==> flow/design.v <==
module gen_add #(
    parameter integer XLEN = 18
) (
    input wire i_clk,
    input wire nrst,
    input wire [XLEN-1:0] da,
    input wire [XLEN-1:0] db,
    input wire cy_in,
    output reg [XLEN-1:0] sum,
    output reg carry
);
    wire [XLEN-1:0] cur;
    wire [XLEN:0] cc;
    assign cc[0] = cy_in;
    genvar g;
    generate
        for (g = 0; g < XLEN; g = g + 1) begin : u_g
            assign cur[g] = da[g] ^ db[g] ^ cc[g];
            assign cc[g+1] = (da[g] & db[g]) | (cc[g] & (da[g] ^ db[g]));
        end
    endgenerate
    always @(posedge i_clk or negedge nrst) begin
        if (!nrst) begin
            sum <= 0;
        end else begin
            sum <= cur;
        end
    end
    always @(posedge i_clk or negedge nrst) begin
        if (!nrst) begin
            carry <= 1'b0;
        end else begin
            carry <= cc[XLEN];
        end
    end
endmodule
From RTL to reports: gen_add

The steps from the RTL of gen_add to its reports follow in flow order.
Line numbers count from 1 in the design file above.
Cell names lack the library's common part.
A cell with n/a has no value.

Top module: gen_add
Clock: i_clk
Standard-cell library: sky130hd
Corner: tt_025C_1v80

Word level

Source: Yosys, flattened and elaborated, memories not mapped. Widths are those after wreduce; folded enables and synchronous resets count as part of the registers. Registers that Yosys merges into a memory's read port (data or address) are not register bits. Print and check cells do not count. Equal cells are merged and count once.

Flip-flop bits (word level): 19
Bits in latches: 0
Bits in writable memories: 0
Memory bits (read-only): 0
Clocked read ports x word width: 0
Memories kept: 0
Input port bits: 39
Output and inout bits: 19
Elaborated cells: 92

Add/sub/neg operators: 0
Multipliers: 0
Divide/modulo/power cells: 0
Order comparisons: 0
Equality and inequality tests: 0
Shift operators: 0
Mux-type cells: 0
Bitwise gates (word level): 90
Reduce/logical cells: 0

Operator list:

| kind              | number |
| 1-bit bitwise AND | 36 |
| 1-bit XOR         | 36 |
| 1-bit bitwise OR  | 18 |

Logic depth

Longest topological path by Yosys (ltp), each cell counted once; first at word level (registers and memories cut), then after technology mapping (sequential cells cut; the memories' decode and read muxes count).

Depth in word-level cells: 37
ABC_AREA: 0
Gate-level depth with buffers: 22
Depth with buffers taken out: 22

After synthesis

The flow's flattened synthesis, as Yosys stat reports it; memories are mapped. The netlist is that of the ABC_AREA named above (0 if unset); the other value can give another one.

Cells by type:

| cell    | number | area in all (um^2) |
| dfrtp_1 | 19     | 475.456 |
| fa_1    | 18     | 360.346 |
| inv_1   | 10     | 37.536 |

Standard cells after synthesis: 47
Chip area (Yosys): 873.3 um^2
Area of sequential cells: 475.5 um^2
Flip-flops: 19
Buffers: 0

Worst setup path after synthesis

Path of least setup slack by OpenSTA after synthesis, without wires, with an ideal clock, recovery checks aside; 20% of the period is set as input and as output delay. Where synthesis merged equal registers, the netlist keeps one of their names.

Kind: input-to-reg
Start point: in da[0]
End point: reg sum[17]
Period: 10.8 ns
External input delay: 2.160 ns
Library setup time: 0.064 ns
Launch time at the first pin: 2.160 ns
Arrival: 8.982 ns
Data required time: 10.736 ns
Slack: 1.754 ns
Delay of the path: 6.886 ns
Driving pins on the path: 22
Path buffers: 0
Synthesis period reached: 9.046 ns

"delay of the path" = arrival - input delay + setup time.
"driving pins on the path": output pins that drive a net of the path, with the launching flip-flop's if there is one; two outputs of one cell count as two.
"synthesis period reached" = period - worst setup slack (recovery checks aside). The figure is calculated, with input and output delays left at 20% of the set period.
The rows between start and end are the longest chain of elaborated cells between them; the timing report does not say that the signal goes this way. Where chains are equally long, one stands for them.
Each line given opens the expression or statement behind the cell; cells for indexed reads and writes are added by Yosys, which also makes memories of some case tables.

Cell sequence: fa_1 > fa_1 > fa_1 > fa_1 > fa_1 > fa_1 > fa_1 > fa_1 > fa_1 > fa_1 > fa_1 > fa_1 > fa_1 > fa_1 > fa_1 > inv_1 > fa_1 > inv_1 > fa_1 > inv_1 > fa_1 > inv_1
Cells in the longest elaborated chain: 36
Elaborated cells between the ends (all ways): 37
Classes of those cells: logic: 37

RTL lines, path after synthesis:

| item               | RTL line | text |
| start: declaration | 6        | `input wire [XLEN-1:0] da,` |
| 1-bit XOR          | 19       | `assign cc[g+1] = (da[g] & db[g]) \| (cc[g] & (da[g] ^ db[g]));` |
| 1-bit bitwise AND  | 19       |  |
| 1-bit bitwise OR   | 19       |  |
| 1-bit bitwise AND  | 19       |  |
| 1-bit bitwise OR   | 19       |  |
| 1-bit bitwise AND  | 19       |  |
| 1-bit bitwise OR   | 19       |  |
| [... 22 more ...]  | n/a      |  |
| 1-bit bitwise AND  | 19       |  |
| 1-bit bitwise OR   | 19       |  |
| 1-bit bitwise AND  | 19       |  |
| 1-bit bitwise OR   | 19       |  |
| 1-bit bitwise AND  | 19       |  |
| 1-bit bitwise OR   | 19       |  |
| 1-bit XOR          | 18       | `assign cur[g] = da[g] ^ db[g] ^ cc[g];` |
| end: assignment    | 24       | `sum <= 0;` |
| end: assignment    | 26       | `sum <= cur;` |
| end: declaration   | 9        | `output reg [XLEN-1:0] sum,` |

Worst path after layout

Path of least setup slack in the final report of run A (OpenROAD, finished layout, wires in). Where an end is a register, its clock arrival counts in the times.

Kind: input-to-reg
Start point: in cy_in
End point: reg sum[17]
Period: 6.35 ns
External input delay: 1.27 ns
Library setup time: 0.05 ns
Launch time at the first pin: 1.27 ns
Arrival: 7.80 ns
Data required time: 6.60 ns
Slack: -1.20 ns
Driving pins on the path: 23
Path buffers: 1

The rows between start and end are the longest chain of elaborated cells between them; the timing report does not say that the signal goes this way. Where chains are equally long, one stands for them.

Cell sequence: buf_6 > fa_2 > fa_2 > fa_2 > fa_2 > fa_2 > fa_2 > fa_2 > fa_2 > fa_2 > fa_2 > fa_2 > fa_2 > fa_2 > fa_2 > fa_2 > inv_2 > fa_2 > inv_2 > fa_2 > inv_2 > fa_2 > inv_1
Cells in the longest elaborated chain: 35
Elaborated cells between the ends (all ways): 35
Source lines of those cells: 2
Classes of those cells: logic: 35

RTL lines, path after layout:

| item               | RTL line | text |
| start: declaration | 8        | `input wire cy_in,` |
| 1-bit bitwise AND  | 19       | `assign cc[g+1] = (da[g] & db[g]) \| (cc[g] & (da[g] ^ db[g]));` |
| 1-bit bitwise OR   | 19       |  |
| 1-bit bitwise AND  | 19       |  |
| 1-bit bitwise OR   | 19       |  |
| 1-bit bitwise AND  | 19       |  |
| 1-bit bitwise OR   | 19       |  |
| 1-bit bitwise AND  | 19       |  |
| [... 21 more ...]  | n/a      |  |
| 1-bit bitwise AND  | 19       |  |
| 1-bit bitwise OR   | 19       |  |
| 1-bit bitwise AND  | 19       |  |
| 1-bit bitwise OR   | 19       |  |
| 1-bit bitwise AND  | 19       |  |
| 1-bit bitwise OR   | 19       |  |
| 1-bit XOR          | 18       | `assign cur[g] = da[g] ^ db[g] ^ cc[g];` |
| end: assignment    | 24       | `sum <= 0;` |
| end: assignment    | 26       | `sum <= cur;` |
| end: declaration   | 9        | `output reg [XLEN-1:0] sum,` |

Wiki page: gen_add / flow data

Module gen_add, platform sky130hd: 3 stored runs of the flow (Yosys, OpenROAD) with differing settings, in no particular order. Input and output delays are each 20% of the period that was set; the output load is 0.01 pF.
By "clock period achieved" is meant the clock period of the run minus its worst setup slack. This is arithmetic on one report: input and output delays are still those of the set period (20% each).
By "worst setup path time" is meant the share of the clock period that the worst setup path is allowed (20% is reserved at inputs, 20% at outputs), minus its slack. Clock arrival times at its registers enter into it.

## Run A

==> flow/run.sh <==
#!/bin/bash
# the make line also repeats the synthesis and layout settings of config.mk as NAME=value (left out here)
make -C /OpenROAD-flow-scripts/flow DESIGN_CONFIG=/design/flow/config.mk WORK_HOME=/design/flow/orfs CLKGATE_MAP_FILE= finish
==> flow/config.mk <==
export PLATFORM = sky130hd
export DESIGN_NAME = gen_add
export DESIGN_NICKNAME = gen_add
export VERILOG_FILES = /design/flow/design.v
export SDC_FILE = /design/flow/constraint.sdc
export NUM_CORES = 4
export LEC_CHECK = 0
export ABC_AREA = 0
export CAP_MARGIN = 30
export CELL_PAD_IN_SITES_DETAIL_PLACEMENT = 0
export CORE_MARGIN = 3
export CORE_UTILIZATION = 46
export GPL_TIMING_DRIVEN = 1
export PLACE_DENSITY_LB_ADDON = 0.22
export SETUP_SLACK_MARGIN = -0.31
export SLEW_MARGIN = 20
==> flow/constraint.sdc <==
create_clock -name core_clock -period 6.35 [get_ports {i_clk}]
set_input_delay 1.2700 -clock core_clock [delete_from_list [all_inputs] [get_ports {i_clk}]]
set_output_delay 1.2700 -clock core_clock [all_outputs]
set_load 0.01 [all_outputs]

| result of run A | value |
|---|---|
| die outline area | 2457.2 um^2 |
| setup slack of the critical path | -1.201 ns |
| standard-cell area after routing | 1541.5 um^2 |
| worst setup path time | 6.28 ns |
| worst setup path kind | input-to-reg |
| utilization in the final report | 87.4% |
| sum of negative setup slack | -3.855 ns |
| clock period achieved | 7.551 ns |
| Yosys chip area after synthesis | 873.3 um^2 |

## Run B

==> flow/run.sh <==
#!/bin/bash
# the make line also repeats the synthesis and layout settings of config.mk as NAME=value (left out here)
make -C /OpenROAD-flow-scripts/flow DESIGN_CONFIG=/design/flow/config.mk WORK_HOME=/design/flow/orfs CLKGATE_MAP_FILE= finish
==> flow/config.mk <==
export PLATFORM = sky130hd
export DESIGN_NAME = gen_add
export DESIGN_NICKNAME = gen_add
export VERILOG_FILES = /design/flow/design.v
export SDC_FILE = /design/flow/constraint.sdc
export NUM_CORES = 4
export LEC_CHECK = 0
export CAP_MARGIN = 20
export CORE_MARGIN = 2
export CORE_UTILIZATION = 40
export SLEW_MARGIN = 20
==> flow/constraint.sdc <==
create_clock -name core_clock -period 10.8 [get_ports {i_clk}]
set_input_delay 2.1600 -clock core_clock [delete_from_list [all_inputs] [get_ports {i_clk}]]
set_output_delay 2.1600 -clock core_clock [all_outputs]
set_load 0.01 [all_outputs]

| result of run B | value |
|---|---|
| die outline area | 2573.0 um^2 |
| setup slack of the critical path | 1.367 ns |
| standard-cell area after routing | 1503.9 um^2 |
| worst setup path time | 7.27 ns |
| worst setup path kind | input-to-reg |
| utilization in the final report | 75.1% |
| sum of negative setup slack | 0.000 ns |
| clock period achieved | 9.433 ns |
| Yosys chip area after synthesis | 873.3 um^2 |

## Run C

==> flow/run.sh <==
#!/bin/bash
# the make line also repeats the synthesis and layout settings of config.mk as NAME=value (left out here)
make -C /OpenROAD-flow-scripts/flow DESIGN_CONFIG=/design/flow/config.mk WORK_HOME=/design/flow/orfs CLKGATE_MAP_FILE= finish
==> flow/config.mk <==
export PLATFORM = sky130hd
export DESIGN_NAME = gen_add
export DESIGN_NICKNAME = gen_add
export VERILOG_FILES = /design/flow/design.v
export SDC_FILE = /design/flow/constraint.sdc
export NUM_CORES = 4
export LEC_CHECK = 0
export CAP_MARGIN = 20
export CELL_PAD_IN_SITES_DETAIL_PLACEMENT = 0
export CORE_MARGIN = 2
export CORE_UTILIZATION = 53
export GPL_ROUTABILITY_DRIVEN = 0
export MAX_ROUTING_LAYER = met4
export PLACE_DENSITY_LB_ADDON = 0.2
export SETUP_SLACK_MARGIN = 0.11
export SLEW_MARGIN = 20
==> flow/constraint.sdc <==
create_clock -name core_clock -period 11.5 [get_ports {i_clk}]
set_input_delay 2.3000 -clock core_clock [delete_from_list [all_inputs] [get_ports {i_clk}]]
set_output_delay 2.3000 -clock core_clock [all_outputs]
set_load 0.01 [all_outputs]

Run C: unfinished; tool error in placement
